==> flow/design.v <==
module dp_mpy_rtl #(
   parameter DW = 12
) (
   input logic sys_clk,
   input logic i_rst_n,
   input logic step,
   input logic [DW-1:0] opa,
   input logic [DW-1:0] opb,
   input logic [2*DW-1:0] opc,
   output logic [2*DW:0] p
);
   logic [DW-1:0] opa_d1;
   logic [DW-1:0] opb_d1;
   logic [2*DW-1:0] opc_d1;
   logic [2*DW-1:0] t_d1;
   logic [2*DW-1:0] opc_d1_d;
   logic [2*DW:0] p_d1;
   always_ff @(posedge sys_clk) begin
      if (!i_rst_n) begin
         opa_d1 <= 0;
         opb_d1 <= 0;
         opc_d1 <= 0;
         t_d1 <= 0;
         opc_d1_d <= 0;
         p_d1 <= 0;
      end else if (step) begin
         opa_d1 <= opa;
         opb_d1 <= opb;
         opc_d1 <= opc;
         t_d1 <= opa_d1 * opb_d1;
         opc_d1_d <= opc_d1;
         p_d1 <= t_d1 + opc_d1_d;
      end
   end
   assign p = p_d1;
endmodule
Reports on dp_mpy_rtl
What the tools print for dp_mpy_rtl, step after step. Lines are those of the file above, counted from 1. Operators: Yosys type, input widths -> output width; for muxes data width and select width s. Library cell names are shortened. A cell with -- has no value.

Top: dp_mpy_rtl. Clock: sys_clk. Cell library: sky130hd. Corner: tt_025C_1v80.

Elaborated design
Yosys after proc, flatten, opt, wreduce and memory -nomap, before mapping. Enables and synchronous resets that opt folds into registers are not counted as muxes. Memory bits, and registers merged into a memory's read port (data or address), are not among the register bits. Print and check cells are not counted. Equal cells are merged and count once.

For $add $sub $neg the number is 1. Under $mul stands 1.

Operator list (count): $mul 12x12->24 (1); $add 24x24->25 (1).

The entry for register bits after elaboration reads 121. For bits of input ports the number is 51. For output and inout bits the number is 25.

Depth
Yosys ltp: most cells in a row. Word level: on the elaborated netlist, between registers, memories and ports. Mapped: between sequential cells and ports; inverters and the memories' decode and read muxes count.

The entry for depth after elaboration reads 1. The figure for ABC_AREA is 0. For mapped depth the number is 20.

After synthesis
Yosys stat after the flow's synthesis: flattened, memories mapped to cells. It holds for the ABC_AREA given above (unset counts as 0); a run with the other value may have another netlist.

For cell count the number is 1159. The figure for mapped area is 10493.8 um^2. Under flip-flops stands 121. The figure for buffers is 62.

Cell types: dfxtp_1 (count 121, total area 2.42E+03 um^2); fa_1 (count 101, total area 2.02E+03 um^2); ha_1 (count 86, total area 1.08E+03 um^2); mux2i_1 (count 90, total area 900.864 um^2); nor2b_1 (count 97, total area 606.832 um^2); inv_1 (count 148, total area 555.533 um^2); nand2_1 (count 135, total area 506.736 um^2); and2_1 (count 53, total area 331.568 um^2); a21oi_1 (count 36, total area 180.173 um^2); clkbuf_1 (count 45, total area 168.912 um^2); xnor2_1 (count 19, total area 166.41 um^2); o21ai_0 (count 29, total area 145.139 um^2); o21a_1 (count 17, total area 127.622 um^2); a21o_1 (count 14, total area 105.101 um^2); nand3_1 (count 20, total area 100.096 um^2); buf_6 (count 7, total area 78.826 um^2); nor2_1 (count 19, total area 71.318 um^2); nor3_1 (count 12, total area 60.058 um^2).

Other cell types: 50; their cells: 110.

Timing after synthesis
Path of least setup slack by OpenSTA after synthesis, without wires, with an ideal clock, recovery checks aside; 20% of the period is set as input and as output delay. Where synthesis merged equal registers, the netlist keeps one of their names.

Path kind: register to register. Start: reg opa_d1[9]. End: reg t_d1[22]. Under clock period stands 6.28 ns. The entry for setup time reads 0.124 ns. Launch time at the first pin: 0.000 ns. For data arrival time the number is 4.901 ns. The entry for required time reads 6.156 ns. Under slack stands 1.255 ns. Delay of the path: 5.025 ns. For stages on the path the number is 19. The figure for path buffers is 1. Under synthesis period reached stands 5.025 ns.

"delay of the path" is the arrival time less input delay plus setup time. "stages on the path" counts driving pins, that of a launching flip-flop among them; a cell with two outputs on the path counts twice. "synthesis period reached" is the clock period less the worst setup slack; recovery checks do not enter. This is arithmetic on one report: input and output delays are still those of the set period (20% each). Between the ends stands the longest chain of elaborated cells between them, by number of cells; it is not shown to be the way that was timed. Of several equally long chains one is given. Each line given opens the expression or statement behind the cell; cells for indexed reads and writes are added by Yosys, which also makes memories of some case tables.

Cells stage by stage: dfxtp_1 -> clkbuf_1 -> nand2_1 -> fa_1 -> inv_1 -> fa_1 -> fa_1 -> fa_1 -> inv_1 -> fa_1 -> inv_1 -> ha_1 -> a21o_1 -> a211o_1 -> a21oi_1 -> o21ai_0 -> a311oi_2 -> mux2i_1 -> nand3_1. The entry for cells in the longest elaborated chain reads 1.

RTL lines, path post-synthesis: start: declaration (RTL line 12) `logic [DW-1:0] opa_d1;`; start: assignment (RTL line 20) `opa_d1 <= 0;`; start: assignment (RTL line 27) `opa_d1 <= opa;`; $mul 12x12->24 (RTL line 30) `t_d1 <= opa_d1 * opb_d1;`; end: assignment (RTL line 23) `t_d1 <= 0;`; end: assignment (RTL line 30); end: declaration (RTL line 15) `logic [2*DW-1:0] t_d1;`.

Path in the finished layout
From the final timing report of entry A: the path of least setup slack in the routed layout; clock arrival at registers is part of the times.

Path kind: register to register. Start: reg opb_d1[9]. End: reg t_d1[22]. Under clock period stands 6.28 ns. The entry for setup time reads 0.11 ns. Launch time at the first pin: 0.42 ns. For data arrival time the number is 5.67 ns. The entry for required time reads 6.59 ns. Under slack stands 0.93 ns. For stages on the path the number is 17. The figure for path buffers is 0.

Between the ends stands the longest chain of elaborated cells between them, by number of cells; it is not shown to be the way that was timed. Of several equally long chains one is given.

Cells stage by stage: dfxtp_1 -> and2_1 -> fa_1 -> fa_1 -> fa_1 -> fa_1 -> inv_1 -> fa_1 -> inv_1 -> ha_1 -> a21o_1 -> a211o_1 -> a21oi_1 -> o21ai_0 -> a311oi_2 -> mux2i_1 -> nand3_1. The entry for cells in the longest elaborated chain reads 1.

RTL lines, path post-layout: start: declaration (RTL line 13) `logic [DW-1:0] opb_d1;`; start: assignment (RTL line 21) `opb_d1 <= 0;`; start: assignment (RTL line 28) `opb_d1 <= opb;`; $mul 12x12->24 (RTL line 30) `t_d1 <= opa_d1 * opb_d1;`; end: assignment (RTL line 23) `t_d1 <= 0;`; end: assignment (RTL line 30); end: declaration (RTL line 15) `logic [2*DW-1:0] t_d1;`.

==> results <==
Stored flow runs of dp_mpy_rtl (2 of them; Yosys, OpenROAD, sky130hd). They differ in their settings and are not a sequence. Constraints: input delay and output delay 20% of the set period each, output load 0.01 pF. "clock period achieved" is the run's clock period less its worst setup slack. It is reckoned from that one timing run; input and output delays stay at 20% of the period that was set. By "critical path time" is meant the share of the clock period that the worst setup path is allowed (20% is reserved at inputs, 20% at outputs), minus its slack. Clock arrival times at its registers enter into it. "overall power": no workload was simulated; the value follows from the tool's default switching activity.

Files of entry A:
==> flow/run.sh <==
#!/bin/bash
# the make line also repeats the synthesis and layout settings of config.mk as NAME=value (left out here)
make -C /OpenROAD-flow-scripts/flow DESIGN_CONFIG=/design/flow/config.mk WORK_HOME=/design/flow/orfs CLKGATE_MAP_FILE= finish
==> flow/config.mk <==
export PLATFORM = sky130hd
export DESIGN_NAME = dp_mpy_rtl
export DESIGN_NICKNAME = dp_mpy_rtl
export VERILOG_FILES = /design/flow/design.v
export SDC_FILE = /design/flow/constraint.sdc
export NUM_CORES = 4
export LEC_CHECK = 0
export CAP_MARGIN = 20
export CORE_MARGIN = 2
export CORE_UTILIZATION = 40
export SLEW_MARGIN = 20
==> flow/constraint.sdc <==
create_clock -name core_clock -period 6.28 [get_ports {sys_clk}]
set_input_delay 1.2560 -clock core_clock [delete_from_list [all_inputs] [get_ports {sys_clk}]]
set_output_delay 1.2560 -clock core_clock [all_outputs]
set_load 0.01 [all_outputs]

Results of entry A. The full die area stands at 27546.0 um^2. The worst-case hold slack comes to 0.453 ns. The clock period achieved comes to 5.352 ns. For the final utilization the run shows 0.463. The overall power reads 2288 µW. For the standard-cell area after routing the run shows 12001.5 um^2. The measured synthesized cell area is 10493.8 um^2. For the critical path time the run shows 5.35 ns. Class of the worst setup path: register to register. The setup total negative slack stands at 0.000 ns. The worst slack on setup checks stands at 0.928 ns.

Files of entry B:
==> flow/run.sh <==
#!/bin/bash
# the make line also repeats the synthesis and layout settings of config.mk as NAME=value (left out here)
make -C /OpenROAD-flow-scripts/flow DESIGN_CONFIG=/design/flow/config.mk WORK_HOME=/design/flow/orfs CLKGATE_MAP_FILE= finish
==> flow/config.mk <==
export PLATFORM = sky130hd
export DESIGN_NAME = dp_mpy_rtl
export DESIGN_NICKNAME = dp_mpy_rtl
export VERILOG_FILES = /design/flow/design.v
export SDC_FILE = /design/flow/constraint.sdc
export NUM_CORES = 4
export LEC_CHECK = 0
export ABC_AREA = 1
export CAP_MARGIN = 15
export CELL_PAD_IN_SITES_DETAIL_PLACEMENT = 2
export CORE_ASPECT_RATIO = 1.74
export CORE_MARGIN = 7
export CORE_UTILIZATION = 23
export GPL_TIMING_DRIVEN = 0
export PLACE_DENSITY_LB_ADDON = 0.05
export SETUP_SLACK_MARGIN = -0.37
export SLEW_MARGIN = 0
==> flow/constraint.sdc <==
create_clock -name core_clock -period 4.05 [get_ports {sys_clk}]
set_input_delay 0.8100 -clock core_clock [delete_from_list [all_inputs] [get_ports {sys_clk}]]
set_output_delay 0.8100 -clock core_clock [all_outputs]
set_load 0.01 [all_outputs]

Results of entry B. The full die area stands at 54437.1 um^2. The worst-case hold slack comes to 0.488 ns. The clock period achieved comes to 4.591 ns. For the final utilization the run shows 0.306. The overall power reads 4796 µW. For the standard-cell area after routing the run shows 14427.6 um^2. The measured synthesized cell area is 11011.8 um^2. For the critical path time the run shows 4.59 ns. Class of the worst setup path: register to register. The setup total negative slack stands at -6.579 ns. The worst slack on setup checks stands at -0.541 ns.
